==> flow/design.v <==
module ex_add_core_stage #(
  parameter DATA_WIDTH = 72,
  parameter GUARD = 2
) (
  input  wire clk_i,
  input  wire [DATA_WIDTH-1:0] data,
  input  wire init,
  output wire [DATA_WIDTH+GUARD-1:0] sum
);
  reg [DATA_WIDTH-1:0] data_q;
  reg init_q;
  reg [DATA_WIDTH+GUARD-1:0] acc;
  always @(posedge clk_i) begin
    data_q <= data;
    init_q <= init;
    acc <= init_q ? 0 : acc + data_q;
  end
  assign sum = acc;
endmodule
# ---- Tool chain data of ex_add_core_stage
# Tool output for the design above, in the order of the flow.
# Line numbers count from 1 in the design file above.
# Cell names lack the library's common part.
# The mark n/a stands for no value.
dict set report inputs {
  top {ex_add_core_stage}
  clk_port {clk_i}
  lib {sky130hd}
  corner {tt_025C_1v80}
}

# ---- Word level
# Source: Yosys, flattened and elaborated, memories not mapped. Widths are those after wreduce; folded enables and synchronous resets count as part of the registers. Registers that Yosys merges into a memory's read port (data or address) are not register bits. Print and check cells do not count. Equal cells are merged and count once.
dict set report word_totals {
  input_bits 74
  regBits 147
  elab_cells 4
}
dict set report op_classes {
  n_addsub 1
}
# op n
set ops {}
lappend ops {{74-bit by 72-bit adder with 74-bit output} 1}

# ---- Logic depth
# Yosys ltp: most cells in a row. Word level: on the elaborated netlist, between registers, memories and ports. Mapped: between sequential cells and ports; inverters and the memories' decode and read muxes count.
dict set report depth {
  ltp_word 1
  abc_area 0
  depth_mapped 11
  mapped_depth_nobuf 11
}

# ---- Netlist
# The flow's flattened synthesis, as Yosys stat reports it; memories are mapped. The netlist is that of the ABC_AREA named above (0 if unset); the other value can give another one.
# The area totals of this step are shown rounded.
# cell_type n
set types {}
lappend types {dfxtp_1 147}
lappend types {ha_1 72}
lappend types {a21oi_1 94}
lappend types {nor2_1 95}
lappend types {nand2_1 75}
lappend types {o21ai_0 52}
lappend types {a21o_1 33}
lappend types {nor3_1 36}
lappend types {nand4_1 28}
lappend types {xnor2_1 18}
lappend types {o21a_1 19}
lappend types {xor2_1 14}
lappend types {o21bai_1 15}
lappend types {nor2b_1 17}
lappend types {mux2_2 9}
lappend types {clkbuf_1 24}
lappend types {nand3_1 16}
lappend types {o211ai_1 10}
# Not listed: further types 65, cells in them 183.
dict set report synth_totals {
  seqArea_um2 2943
  stdcells 957
  mapped_area_um2 8282
  ff_cells 147
}

# ---- Worst setup path after synthesis
# Source: OpenSTA report_checks on the synthesized netlist (no wires, ideal clock, input and output delay 20% of the period each), path of least setup slack; recovery checks are left aside. Register names are those of the netlist, which keeps one name where synthesis merged equal registers.
dict set report synth_path {
  path_type {register to register}
  start {reg acc[0]}
  end {reg acc[70]}
  t_arrival_ns 2.840
  setup_slack_ns 0.737
  launch_ns 0.000
  n_path_buf 0
  period_ns 3.7
  setup_ns 0.123
  path_delay_ns 2.963
  path_stages 12
  period_less_setup_slack_ns 2.963
}
# "path_delay_ns" = arrival - input delay + setup time.
# "path_stages" counts driving pins, that of a launching flip-flop among them; a cell with two outputs on the path counts twice.
# "period_less_setup_slack_ns" = period - worst setup slack (recovery checks aside). The figure is calculated, with input and output delays left at 20% of the set period.
# Between the ends stands the longest chain of elaborated cells between them, by number of cells; it is not shown to be the way that was timed. Of several equally long chains one is given.
# Each line given opens the expression or statement behind the cell; cells for indexed reads and writes are added by Yosys, which also makes memories of some case tables.
dict set report synth_between {
  path_cell_list {dfxtp_1 > ha_1 > inv_1 > fa_1 > nand2b_1 > a21oi_2 > o211a_4 > a41oi_2 > o21ba_4 > o41ai_4 > a41o_1 > mux2_1}
  elab_chain_len 1
}
# element line_no
set synth_rtl {}
lappend synth_rtl {{start, declared} 12} ;# reg [DATA_WIDTH+GUARD-1:0] acc;
lappend synth_rtl {{start, assigned} 16} ;# acc <= init_q ? 0 : acc + data_q;
lappend synth_rtl {{74-bit by 72-bit adder with 74-bit output} 16}
lappend synth_rtl {{end, assigned} 16}
lappend synth_rtl {{end, declared} 12}

# ---- Path in the finished layout
# Path of least setup slack in the final report of job 1 (OpenROAD, finished layout, wires in). Where an end is a register, its clock arrival counts in the times.
dict set report layout_path {
  path_type {register to register}
  start {reg acc[0]}
  end {reg acc[66]}
  setup_slack_ns 0.45
  path_stages 12
  setup_ns 0.11
  period_ns 3.7
  n_path_buf 0
  t_arrival_ns 3.57
  launch_ns 0.44
}
# Between the ends stands the longest chain of elaborated cells between them, by number of cells; it is not shown to be the way that was timed. Of several equally long chains one is given.
dict set report layout_between {
  path_cell_list {dfxtp_1 > ha_1 > inv_1 > fa_1 > nand2b_1 > a21oi_2 > o211a_4 > a41oi_2 > o21ba_4 > o41ai_4 > a31o_2 > mux2_1}
  elab_chain_len 1
}
# element line_no
set layout_rtl {}
lappend layout_rtl {{start, declared} 12} ;# reg [DATA_WIDTH+GUARD-1:0] acc;
lappend layout_rtl {{start, assigned} 16} ;# acc <= init_q ? 0 : acc + data_q;
lappend layout_rtl {{74-bit by 72-bit adder with 74-bit output} 16}
lappend layout_rtl {{end, assigned} 16}
lappend layout_rtl {{end, declared} 12}

Hand-over note for ex_add_core_stage

Measured data: module ex_add_core_stage, platform sky130hd, 3 stored runs of the flow under differing settings, order arbitrary. Input and output delays are each 20% of the period that was set; the output load is 0.01 pF.
"timing.achieved_period_ns" is the run's clock period less its worst setup slack. It is reckoned from that one timing run; input and output delays stay at 20% of the period that was set.
"worstPathTime_ns" is the time allowed to the run's worst setup path (the clock period less input and output delay, where it has them) less its slack. Clock arrival times count: a late capture clock shortens it, a late launch clock lengthens it.
"power_total_w": no workload was simulated; the value follows from the tool's default switching activity.
The results are shown rounded.

# job 1
==> flow/run.sh <==
#!/bin/bash
# the make line also repeats the synthesis and layout settings of config.mk as NAME=value (left out here)
make -C /OpenROAD-flow-scripts/flow DESIGN_CONFIG=/design/flow/config.mk WORK_HOME=/design/flow/orfs CLKGATE_MAP_FILE= finish
==> flow/config.mk <==
export PLATFORM = sky130hd
export DESIGN_NAME = ex_add_core_stage
export DESIGN_NICKNAME = ex_add_core_stage
export VERILOG_FILES = /design/flow/design.v
export SDC_FILE = /design/flow/constraint.sdc
export NUM_CORES = 4
export LEC_CHECK = 0
export CAP_MARGIN = 20
export CORE_MARGIN = 2
export CORE_UTILIZATION = 40
export SLEW_MARGIN = 20
==> flow/constraint.sdc <==
create_clock -name core_clock -period 3.7 [get_ports {clk_i}]
set_input_delay 0.7400 -clock core_clock [delete_from_list [all_inputs] [get_ports {clk_i}]]
set_output_delay 0.7400 -clock core_clock [all_outputs]
set_load 0.01 [all_outputs]

==> job 1: results <==
worstPathTime_ns=3.25
critical_path_type="register to register"
die_footprint_um2=21870
finish.utilization_pct=52.2
setup_ws_ns=0.455
power_total_w=0.009243
post_synth_area_um2=8282
tns_ns=0.000
hold_ws_ns=0.568
final_stdcell_area_um2=10600
timing.achieved_period_ns=3.245

# job 2
==> flow/run.sh <==
#!/bin/bash
# the make line also repeats the synthesis and layout settings of config.mk as NAME=value (left out here)
make -C /OpenROAD-flow-scripts/flow DESIGN_CONFIG=/design/flow/config.mk WORK_HOME=/design/flow/orfs CLKGATE_MAP_FILE= finish
==> flow/config.mk <==
export PLATFORM = sky130hd
export DESIGN_NAME = ex_add_core_stage
export DESIGN_NICKNAME = ex_add_core_stage
export VERILOG_FILES = /design/flow/design.v
export SDC_FILE = /design/flow/constraint.sdc
export NUM_CORES = 4
export LEC_CHECK = 0
export ABC_AREA = 0
export CAP_MARGIN = 35
export CORE_MARGIN = 2
export CORE_UTILIZATION = 21
export CTS_CLUSTER_DIAMETER = 313
export GPL_TIMING_DRIVEN = 1
export MIN_ROUTING_LAYER = met1
export PLACE_DENSITY_LB_ADDON = 0.2
export SLEW_MARGIN = 20
export TNS_END_PERCENT = 10
==> flow/constraint.sdc <==
create_clock -name core_clock -period 3.44 [get_ports {clk_i}]
set_input_delay 0.6880 -clock core_clock [delete_from_list [all_inputs] [get_ports {clk_i}]]
set_output_delay 0.6880 -clock core_clock [all_outputs]
set_load 0.01 [all_outputs]

==> job 2: results <==
tns_ns=0.000
finish.utilization_pct=28.1
setup_ws_ns=0.251
worstPathTime_ns=3.19
critical_path_type="register to register"
final_stdcell_area_um2=10910
power_total_w=0.01005
die_footprint_um2=41040
timing.achieved_period_ns=3.189
post_synth_area_um2=8282
hold_ws_ns=0.580

# job 3
==> flow/run.sh <==
#!/bin/bash
# the make line also repeats the synthesis and layout settings of config.mk as NAME=value (left out here)
make -C /OpenROAD-flow-scripts/flow DESIGN_CONFIG=/design/flow/config.mk WORK_HOME=/design/flow/orfs CLKGATE_MAP_FILE= finish
==> flow/config.mk <==
export PLATFORM = sky130hd
export DESIGN_NAME = ex_add_core_stage
export DESIGN_NICKNAME = ex_add_core_stage
export VERILOG_FILES = /design/flow/design.v
export SDC_FILE = /design/flow/constraint.sdc
export NUM_CORES = 4
export LEC_CHECK = 0
export CAP_MARGIN = 20
export CELL_PAD_IN_SITES_DETAIL_PLACEMENT = 0
export CELL_PAD_IN_SITES_GLOBAL_PLACEMENT = 3
export CORE_MARGIN = 7
export CORE_UTILIZATION = 41
export CTS_CLUSTER_DIAMETER = 191
export GPL_ROUTABILITY_DRIVEN = 0
export MAX_ROUTING_LAYER = met5
export SLEW_MARGIN = 20
==> flow/constraint.sdc <==
create_clock -name core_clock -period 2.45 [get_ports {clk_i}]
set_input_delay 0.4900 -clock core_clock [delete_from_list [all_inputs] [get_ports {clk_i}]]
set_output_delay 0.4900 -clock core_clock [all_outputs]
set_load 0.01 [all_outputs]

==> job 3: results <==
outcome="no final report: placement broke off with GPL-0301"

End of note.
